==> flow/design.v <==
module dp_times_p (aclk, i_rst_n, da, db, prod);
    parameter DATA_W = 14;
    parameter COUNT = 4;
    localparam SUM_W = 2*DATA_W + $clog2(COUNT);
    input aclk;
    input i_rst_n;
    input [COUNT*DATA_W-1:0] da;
    input [COUNT*DATA_W-1:0] db;
    output [SUM_W-1:0] prod;
    reg [COUNT*DATA_W-1:0] da_ff;
    reg [COUNT*DATA_W-1:0] db_ff;
    reg [SUM_W-1:0] t;
    integer k;
    always @* begin
        t = 0;
        for (k = 0; k < COUNT; k = k + 1)
            t = t + da_ff[k*DATA_W +: DATA_W] * db_ff[k*DATA_W +: DATA_W];
    end
    assign prod = t;
    always @(posedge aclk or negedge i_rst_n) begin
        if (!i_rst_n) begin
            da_ff <= 0;
            db_ff <= 0;
        end else begin
            da_ff <= da;
            db_ff <= db;
        end
    end
endmodule
# From RTL to reports: dp_times_p
# What the tools print for dp_times_p, step after step.
# Lines are those of the file above, counted from 1.
# Operators carry their Yosys type and port widths (W data, S select, Z words).
# Library cell names are shortened.
# The mark - stands for no value.
# inputs
design	dp_times_p
clock	aclk
lib	sky130hd
lib_corner	tt_025C_1v80

# Word level
# Counts by Yosys on the flattened word-level netlist (proc, flatten, opt, wreduce; memories kept). Register bits leave out memories and registers merged into their read ports (data or address); mux counts leave out enables and synchronous resets folded into registers. Print and check cells are left out. Cells with the same type and inputs are merged into one.
# op_classes
n_addsub	3
multipliers	4
# ops
op	n
$mul A14 B14 Y28	4
$add A29 B28 Y30	1
$add A30 B28 Y30	1
$add A28 B28 Y29	1
# bits
inputBits	114
output_inout_bits	30
ff_bits	112

# Depth
# Depth = most cells in a row (Yosys ltp): at word level without a register or memory, in the mapped netlist without a sequential cell, where the memories' decode and read muxes count.
# logic_depth
word_depth	4
abc_area	0
mapped_depth	28
ltp_nobuf	26

# After synthesis
# The flow's flattened synthesis, as Yosys stat reports it; memories are mapped. The netlist is that of the ABC_AREA named above (0 if unset); the other value can give another one.
# mapped
mapped_area_mm2	0.02999
flip_flops	112
n_buf	118
cell_count	3109
sequential_area_mm2	0.0028027
# types
cell	n	type_area_um2
fa_1	727	1.46E+04
ha_1	286	3.58E+03
inv_1	898	3.37E+03
dfrtp_1	112	2.8E+03
and2_1	437	2.73E+03
nand2_1	361	1355.05
clkbuf_1	118	442.925
xnor2_1	19	166.41
a21oi_1	25	125.12
a21o_1	12	90.086
xor2_1	8	70.067
nor2_1	16	60.058
o21ai_0	11	55.053
a211oi_1	5	37.536
nand3_1	6	30.029
nor3_1	6	30.029
a31oi_1	4	25.024
and3_1	4	25.024
# Other cell types: 34; their cells: 54.

# Timing after synthesis
# OpenSTA on the mapped netlist: ideal clock, no wires. The path of least setup slack (recovery checks aside). Input and output delay are each 20% of the period. Register names are those of the netlist, which keeps one name where synthesis merged equal registers.
# synth_path
path_kind	reg2out
startpoint	reg db_ff[2]
endpoint	out prod[29]
period_ns	11.3
n_path_buf	1
delay_ns	7.250
setup_slack_ns	1.790
required_ns	9.040
stages	26
t_arrival_ns	7.250
synth_period_reached_ns	9.51
# "delay_ns" = arrival - input delay + setup time.
# A path that ends at an output port has no setup time.
# "stages" counts driving pins, that of a launching flip-flop among them; a cell with two outputs on the path counts twice.
# "synth_period_reached_ns" is the clock period less the worst setup slack; recovery checks do not enter. This is arithmetic on one report: input and output delays are still those of the set period (20% each).
# Between the ends stands the longest chain of elaborated cells between them, by number of cells; it is not shown to be the way that was timed. Of several equally long chains one is given.
# A line is the first line of the expression or statement that the cell stems from. Yosys adds cells for indexed reads and writes and turns some case tables into memories.
# synth_between
path_cell_list	dfrtp_1 > clkbuf_1 > nand2_1 > fa_1 > inv_1 > fa_1 > fa_1 > inv_1 > fa_1 > inv_1 > fa_1 > inv_1 > fa_1 > inv_1 > fa_1 > fa_1 > inv_1 > fa_1 > inv_1 > ha_1 > nand3_1 > nor2_1 > o211ai_1 > a21oi_1 > a21oi_1 > o311ai_0
elab_chain_len	4
# synth_rtl
element	line_no	text
start, declared	11	reg [COUNT*DATA_W-1:0] db_ff;
start, assigned	23	db_ff <= 0;
start, assigned	26	db_ff <= db;
$mul A14 B14 Y28	17	t = t + da_ff[k*DATA_W +: DATA_W] * db_ff[k*DATA_W +: DATA_W];
$add A28 B28 Y29	17
$add A29 B28 Y30	17
$add A30 B28 Y30	17
end, declared	9	output [SUM_W-1:0] prod;

# Worst path after layout
# Path of least setup slack in the final report of entry C (OpenROAD, finished layout, wires in). Where an end is a register, its clock arrival counts in the times.
# layout_path
path_kind	reg2out
startpoint	reg db_ff[22]
endpoint	out prod[26]
period_ns	11.3
n_path_buf	2
t_arrival_ns	8.63
setup_slack_ns	0.41
required_ns	9.04
stages	23
# Between the ends stands the longest chain of elaborated cells between them, by number of cells; it is not shown to be the way that was timed. Of several equally long chains one is given.
# layout_between
path_cell_list	dfrtp_1 > nand2_1 > fa_1 > inv_1 > fa_1 > fa_1 > fa_1 > fa_1 > fa_1 > fa_1 > fa_1 > inv_1 > fa_1 > inv_1 > ha_1 > and4_2 > nor4b_2 > a22oi_1 > buf_4 > a21oi_1 > a31oi_1 > xnor2_1 > clkdlybuf4s50_1
elab_chain_len	4
# layout_rtl
element	line_no	text
start, declared	11	reg [COUNT*DATA_W-1:0] db_ff;
start, assigned	23	db_ff <= 0;
start, assigned	26	db_ff <= db;
$mul A14 B14 Y28	17	t = t + da_ff[k*DATA_W +: DATA_W] * db_ff[k*DATA_W +: DATA_W];
$add A28 B28 Y29	17
$add A29 B28 Y30	17
$add A30 B28 Y30	17
end, declared	9	output [SUM_W-1:0] prod;

# dp_times_p through Yosys and OpenROAD on sky130hd: 3 stored runs, unordered, with their settings and measured results. The constraints put input and output delay at 20% of the set period each and load the outputs with 0.01 pF.
# "achievedPeriod_ns": clock period set for the run, less the worst setup slack. It is reckoned from that one timing run; input and output delays stay at 20% of the period that was set.
# By "timing.worst_path_ns" is meant the share of the clock period that the worst setup path is allowed (20% is reserved at inputs, 20% at outputs), minus its slack. Clock arrival times at its registers enter into it.
# Settings: n/a = not set for that run.
# A result given as n/a is not shown for that run.
run	period_ns	CORE_UTILIZATION	PLACE_DENSITY_LB_ADDON	CELL_PAD_IN_SITES_GLOBAL_PLACEMENT	CAP_MARGIN	MIN_ROUTING_LAYER	CORE_MARGIN	SLEW_MARGIN	HOLD_SLACK_MARGIN	CELL_PAD_IN_SITES_DETAIL_PLACEMENT	GPL_ROUTABILITY_DRIVEN	total_negative_slack_ns	achievedPeriod_ns	timing.worst_path_ns	timing.worst_path_kind	utilization_pct	layout_stdcell_area_mm2	yosys_chip_area_mm2	setup_worst_slack_ns	final_die_area_mm2
entry A	10.9	60	0.01	2	40	met2	2	20	n/a	n/a	n/a	n/a	n/a	n/a	n/a	n/a	n/a	n/a	n/a	n/a
entry B	5.99	49	n/a	n/a	20	met2	2	35	0.09	2	1	n/a	n/a	n/a	n/a	n/a	n/a	n/a	n/a	n/a
entry C	11.3	40	n/a	n/a	20	n/a	2	20	n/a	n/a	n/a	0.000	10.888	8.63	reg2out	44.1	0.0327577	0.02999	0.412	0.0771812
# Entry A: incomplete, placement halted on FLW-0024
# Entry B: incomplete, placement halted on DPL-0033
